==> flow/design.v <==
module mul_unit #(
   parameter BITS = 5,
   parameter K = 10
) (
   input  wire ck,
   input  wire i_rst,
   input  wire en,
   input  wire [BITS-1:0] da,
   input  wire [K-1:0] db,
   output wire [BITS+K-1:0] res
);
   reg [BITS+K-1:0] res_s;
   always @(posedge ck or posedge i_rst) begin
      if (i_rst) begin
         res_s <= 0;
      end else if (en) begin
         res_s <= da * db;
      end
   end
   assign res = res_s;
endmodule
Ticket comment

Reports on mul_unit. Tool output for the members of one design family, told apart by "BITS", in the order of the flow. The RTL above is that of BITS = 5; lines are counted from 1 in the file of the member named. Cell names lack the library's common part. Not given: n/a

Top: mul_unit. Clock port: ck. Cell library: sky130hd. Timing corner: tt_025C_1v80.

Source of the members. New or changed lines of each further member against the RTL above, in its own file; lines it lacks are not shown.

New or changed lines: BITS 6 (RTL line 2) `parameter BITS = 6,`; BITS 7 (RTL line 2) `parameter BITS = 7,`; BITS 56 (RTL line 2) `parameter BITS = 56,`; BITS 64 (RTL line 2) `parameter BITS = 64,`.

Elaborated design. Yosys after proc, flatten, opt, wreduce and memory -nomap, before mapping. Enables and synchronous resets that opt folds into registers are not counted as muxes. Memory bits, and registers merged into a memory's read port (data or address), are not among the register bits. Print and check cells are not counted. Equal cells are merged and count once.

Cells by class ($mul): BITS 5 (1); BITS 6 (1); BITS 7 (1); BITS 56 (1); BITS 64 (1).

Operator list (kinds with counts): BITS 5 (multiplier 5 x 10 -> 15 bit (1)); BITS 6 (multiplier 6 x 10 -> 16 bit (1)); BITS 7 (multiplier 7 x 10 -> 17 bit (1)); BITS 56 (multiplier 56 x 10 -> 66 bit (1)); BITS 64 (multiplier 64 x 10 -> 74 bit (1)).

Storage and ports: BITS 5 (flip-flop bits (word level) 15, input port bits 18, output and inout bits 15, elaborated cells 2); BITS 6 (flip-flop bits (word level) 16, input port bits 19, output and inout bits 16, elaborated cells 2); BITS 7 (flip-flop bits (word level) 17, input port bits 20, output and inout bits 17, elaborated cells 2); BITS 56 (flip-flop bits (word level) 66, input port bits 69, output and inout bits 66, elaborated cells 2); BITS 64 (flip-flop bits (word level) 74, input port bits 77, output and inout bits 74, elaborated cells 2).

Logic depth. Yosys ltp: most cells in a row. Word level: on the elaborated netlist, between registers, memories and ports. Mapped: between sequential cells and ports; inverters and the memories' decode and read muxes count.

Logic depth: BITS 5 (word-level depth 1, ABC_AREA 0, depth in mapped cells 12, depth with buffers taken out 12); BITS 6 (word-level depth 1, ABC_AREA 0, depth in mapped cells 13, depth with buffers taken out 12); BITS 7 (word-level depth 1, ABC_AREA 0, depth in mapped cells 16, depth with buffers taken out 15); BITS 56 (word-level depth 1, ABC_AREA 0, depth in mapped cells 23, depth with buffers taken out 21); BITS 64 (word-level depth 1, ABC_AREA 0, depth in mapped cells 23, depth with buffers taken out 21).

After synthesis. Source: synth_stat.txt of the flow (Yosys; design flattened, memories mapped). It holds for the ABC_AREA given above (unset counts as 0); a run with the other value may have another netlist. The area totals of this step are shown rounded.

Cells by type (types with counts): BITS 5 (fa_1 (24); dfrtp_1 (15); ha_1 (23); and2_1 (34); nand2_1 (28); inv_1 (27); a21oi_1 (18); mux2_2 (7); o211ai_2 (3); nand3_1 (6); xnor2_1 (3); a211oi_2 (2); o21ai_0 (5); xor2_1 (2); a21oi_4 (1); o311ai_2 (1); a21o_1 (2); buf_2 (3); (+21)); BITS 6 (fa_1 (33); dfrtp_1 (16); ha_1 (24); and2_1 (47); inv_1 (50); mux2_2 (8); nand2_1 (19); a21oi_1 (12); nor2b_1 (8); nand3_1 (8); a21o_1 (5); o2111ai_1 (3); xnor2_1 (3); nand4_1 (4); o21ai_0 (5); buf_6 (2); o211ai_1 (3); mux2i_1 (2); (+29)); BITS 7 (fa_1 (39); ha_1 (35); dfrtp_1 (17); and2_1 (56); inv_1 (45); nand2_1 (29); a21oi_1 (14); mux2_2 (5); o21ai_0 (9); xnor2_1 (5); nand3_1 (8); nor2_1 (10); a2111oi_4 (1); o311ai_0 (3); and3_1 (4); nor3_1 (5); clkbuf_1 (5); nor2b_1 (3); (+36)); BITS 56 (fa_1 (430); and2_1 (317); dfrtp_1 (66); inv_1 (363); ha_1 (101); nand2_1 (306); mux2_2 (50); clkbuf_1 (128); a21oi_1 (74); xnor2_1 (39); a21o_1 (41); o21ai_0 (39); nor2_1 (46); xor2_1 (14); o21bai_1 (15); a211oi_1 (13); nand4_1 (15); nand3_1 (14); (+145)); BITS 64 (fa_1 (494); and2_1 (363); dfrtp_1 (74); inv_1 (428); nand2_1 (368); ha_1 (109); mux2_2 (49); a21oi_1 (86); clkbuf_1 (113); a21o_1 (42); xnor2_1 (32); o21ai_0 (49); xor2_1 (27); buf_1 (49); nor2_1 (46); o21bai_1 (16); nand4_1 (16); nand3_1 (19); (+185)).

A list marked (+n) leaves out that many cells.

Synthesis totals: BITS 5 (cells in the netlist 225, synthesis area 2102 µm², area of sequential cells 375.4 µm², mapped flip-flops 15, buffer cells 4); BITS 6 (cells in the netlist 281, synthesis area 2584 µm², area of sequential cells 400.4 µm², mapped flip-flops 16, buffer cells 7); BITS 7 (cells in the netlist 329, synthesis area 2985 µm², area of sequential cells 425.4 µm², mapped flip-flops 17, buffer cells 8); BITS 56 (cells in the netlist 2216, synthesis area 19990 µm², area of sequential cells 1652 µm², mapped flip-flops 66, buffer cells 148); BITS 64 (cells in the netlist 2565, synthesis area 22960 µm², area of sequential cells 1852 µm², mapped flip-flops 74, buffer cells 175).

Timing after synthesis. OpenSTA on the mapped netlist: ideal clock, no wires. The path of least setup slack (recovery checks aside). Input and output delay are each 20% of the period. Register names are those of the netlist, which keeps one name where synthesis merged equal registers.

Timing path post-synthesis: BITS 5 (kind input -> register, start point in db[1], end point reg res_s[8], clock period 4.74 ns, slack 0.761 ns, stages on the path 11, path delay 3.031 ns, synthesis period reached 3.979 ns); BITS 6 (kind input -> register, start point in db[2], end point reg res_s[12], clock period 5.0 ns, slack 0.799 ns, stages on the path 11, path delay 3.201 ns, synthesis period reached 4.201 ns); BITS 7 (kind input -> register, start point in db[3], end point reg res_s[9], clock period 6.03 ns, slack 0.963 ns, stages on the path 15, path delay 3.861 ns, synthesis period reached 5.067 ns); BITS 56 (kind input -> register, start point in db[1], end point reg res_s[62], clock period 8.93 ns, slack 1.429 ns, stages on the path 23, path delay 5.714 ns, synthesis period reached 7.501 ns); BITS 64 (kind input -> register, start point in db[1], end point reg res_s[72], clock period 8.8 ns, slack 1.411 ns, stages on the path 22, path delay 5.629 ns, synthesis period reached 7.389 ns).

"path delay" is the arrival time less input delay plus setup time. "stages on the path" counts driving pins, that of a launching flip-flop among them; a cell with two outputs on the path counts twice. "synthesis period reached" is the clock period less the worst setup slack; recovery checks do not enter. This is arithmetic on one report: input and output delays are still those of the set period (20% each). The rows between start and end are the longest chain of elaborated cells between them; the timing report does not say that the signal goes this way. Where chains are equally long, one stands for them. Each line given opens the expression or statement behind the cell; cells for indexed reads and writes are added by Yosys, which also makes memories of some case tables.

Between the ends, post-synthesis, BITS = 5:
The entry for cells in the longest elaborated chain reads 1.

Ends and longest elaborated chain, post-synthesis, BITS = 5: start, declared (RTL line 9) `input  wire [K-1:0] db,`; multiplier 5 x 10 -> 15 bit (RTL line 17) `res_s <= da * db;`; end, assigned (RTL line 15) `res_s <= 0;`; end, assigned (RTL line 17); end, declared (RTL line 12) `reg [BITS+K-1:0] res_s;`.

Between the ends, post-synthesis, BITS = 64:
The entry for cells in the longest elaborated chain reads 1.

Ends and longest elaborated chain, post-synthesis, BITS = 64: start, declared (RTL line 9) `input  wire [K-1:0] db,`; multiplier 64 x 10 -> 74 bit (RTL line 17) `res_s <= da * db;`; end, assigned (RTL line 15) `res_s <= 0;`; end, assigned (RTL line 17); end, declared (RTL line 12) `reg [BITS+K-1:0] res_s;`.

Path in the finished layout. From the final timing report of the run of each member: the path of least setup slack in the routed layout; clock arrival at registers is part of the times.

Timing path post-layout: BITS 5 (kind input -> register, start point in da[4], end point reg res_s[8], clock period 4.74 ns, slack 0.33 ns, stages on the path 12, arrival time 4.55 ns, path buffers 1); BITS 6 (kind input -> register, start point in da[4], end point reg res_s[12], clock period 5.0 ns, slack 0.28 ns, stages on the path 12, arrival time 4.84 ns, path buffers 1); BITS 7 (kind input -> register, start point in da[5], end point reg res_s[9], clock period 6.03 ns, slack 0.40 ns, stages on the path 15, arrival time 5.76 ns, path buffers 1); BITS 56 (kind input -> register, start point in db[8], end point reg res_s[65], clock period 8.93 ns, slack 0.77 ns, stages on the path 21, arrival time 8.37 ns, path buffers 3); BITS 64 (kind input -> register, start point in db[4], end point reg res_s[69], clock period 8.8 ns, slack 0.61 ns, stages on the path 21, arrival time 8.47 ns, path buffers 3).

Layout results. One run of the flow (Yosys, OpenROAD) for each member, with settings and measured results. Input and output delays are each 20% of the period that was set; the output load is 0.01 pF.

Under CAP_MARGIN stands 20. CORE_MARGIN: 2. CORE_UTILIZATION: 40. The entry for SLEW_MARGIN reads 20.

Settings by member (period_ns): BITS 5 (4.74); BITS 6 (5.0); BITS 7 (6.03); BITS 56 (8.93); BITS 64 (8.8).

Results: BITS 5 (netlist area reported by Yosys 2102 µm², full die area 5851 µm², final utilization 51.6%, lowest setup slack 0.327 ns, sum of negative setup slack 0.000 ns, worst hold slack in the final report 0.496 ns); BITS 6 (netlist area reported by Yosys 2584 µm², full die area 7118 µm², final utilization 49.4%, lowest setup slack 0.285 ns, sum of negative setup slack 0.000 ns, worst hold slack in the final report 0.501 ns); BITS 7 (netlist area reported by Yosys 2985 µm², full die area 8170 µm², final utilization 48.3%, lowest setup slack 0.398 ns, sum of negative setup slack 0.000 ns, worst hold slack in the final report 0.484 ns); BITS 56 (netlist area reported by Yosys 19990 µm², full die area 51770 µm², final utilization 45.0%, lowest setup slack 0.768 ns, sum of negative setup slack 0.000 ns, worst hold slack in the final report 0.498 ns); BITS 64 (netlist area reported by Yosys 22960 µm², full die area 59330 µm², final utilization 44.8%, lowest setup slack 0.609 ns, sum of negative setup slack 0.000 ns, worst hold slack in the final report 0.489 ns).

Values from the reports are rounded here.
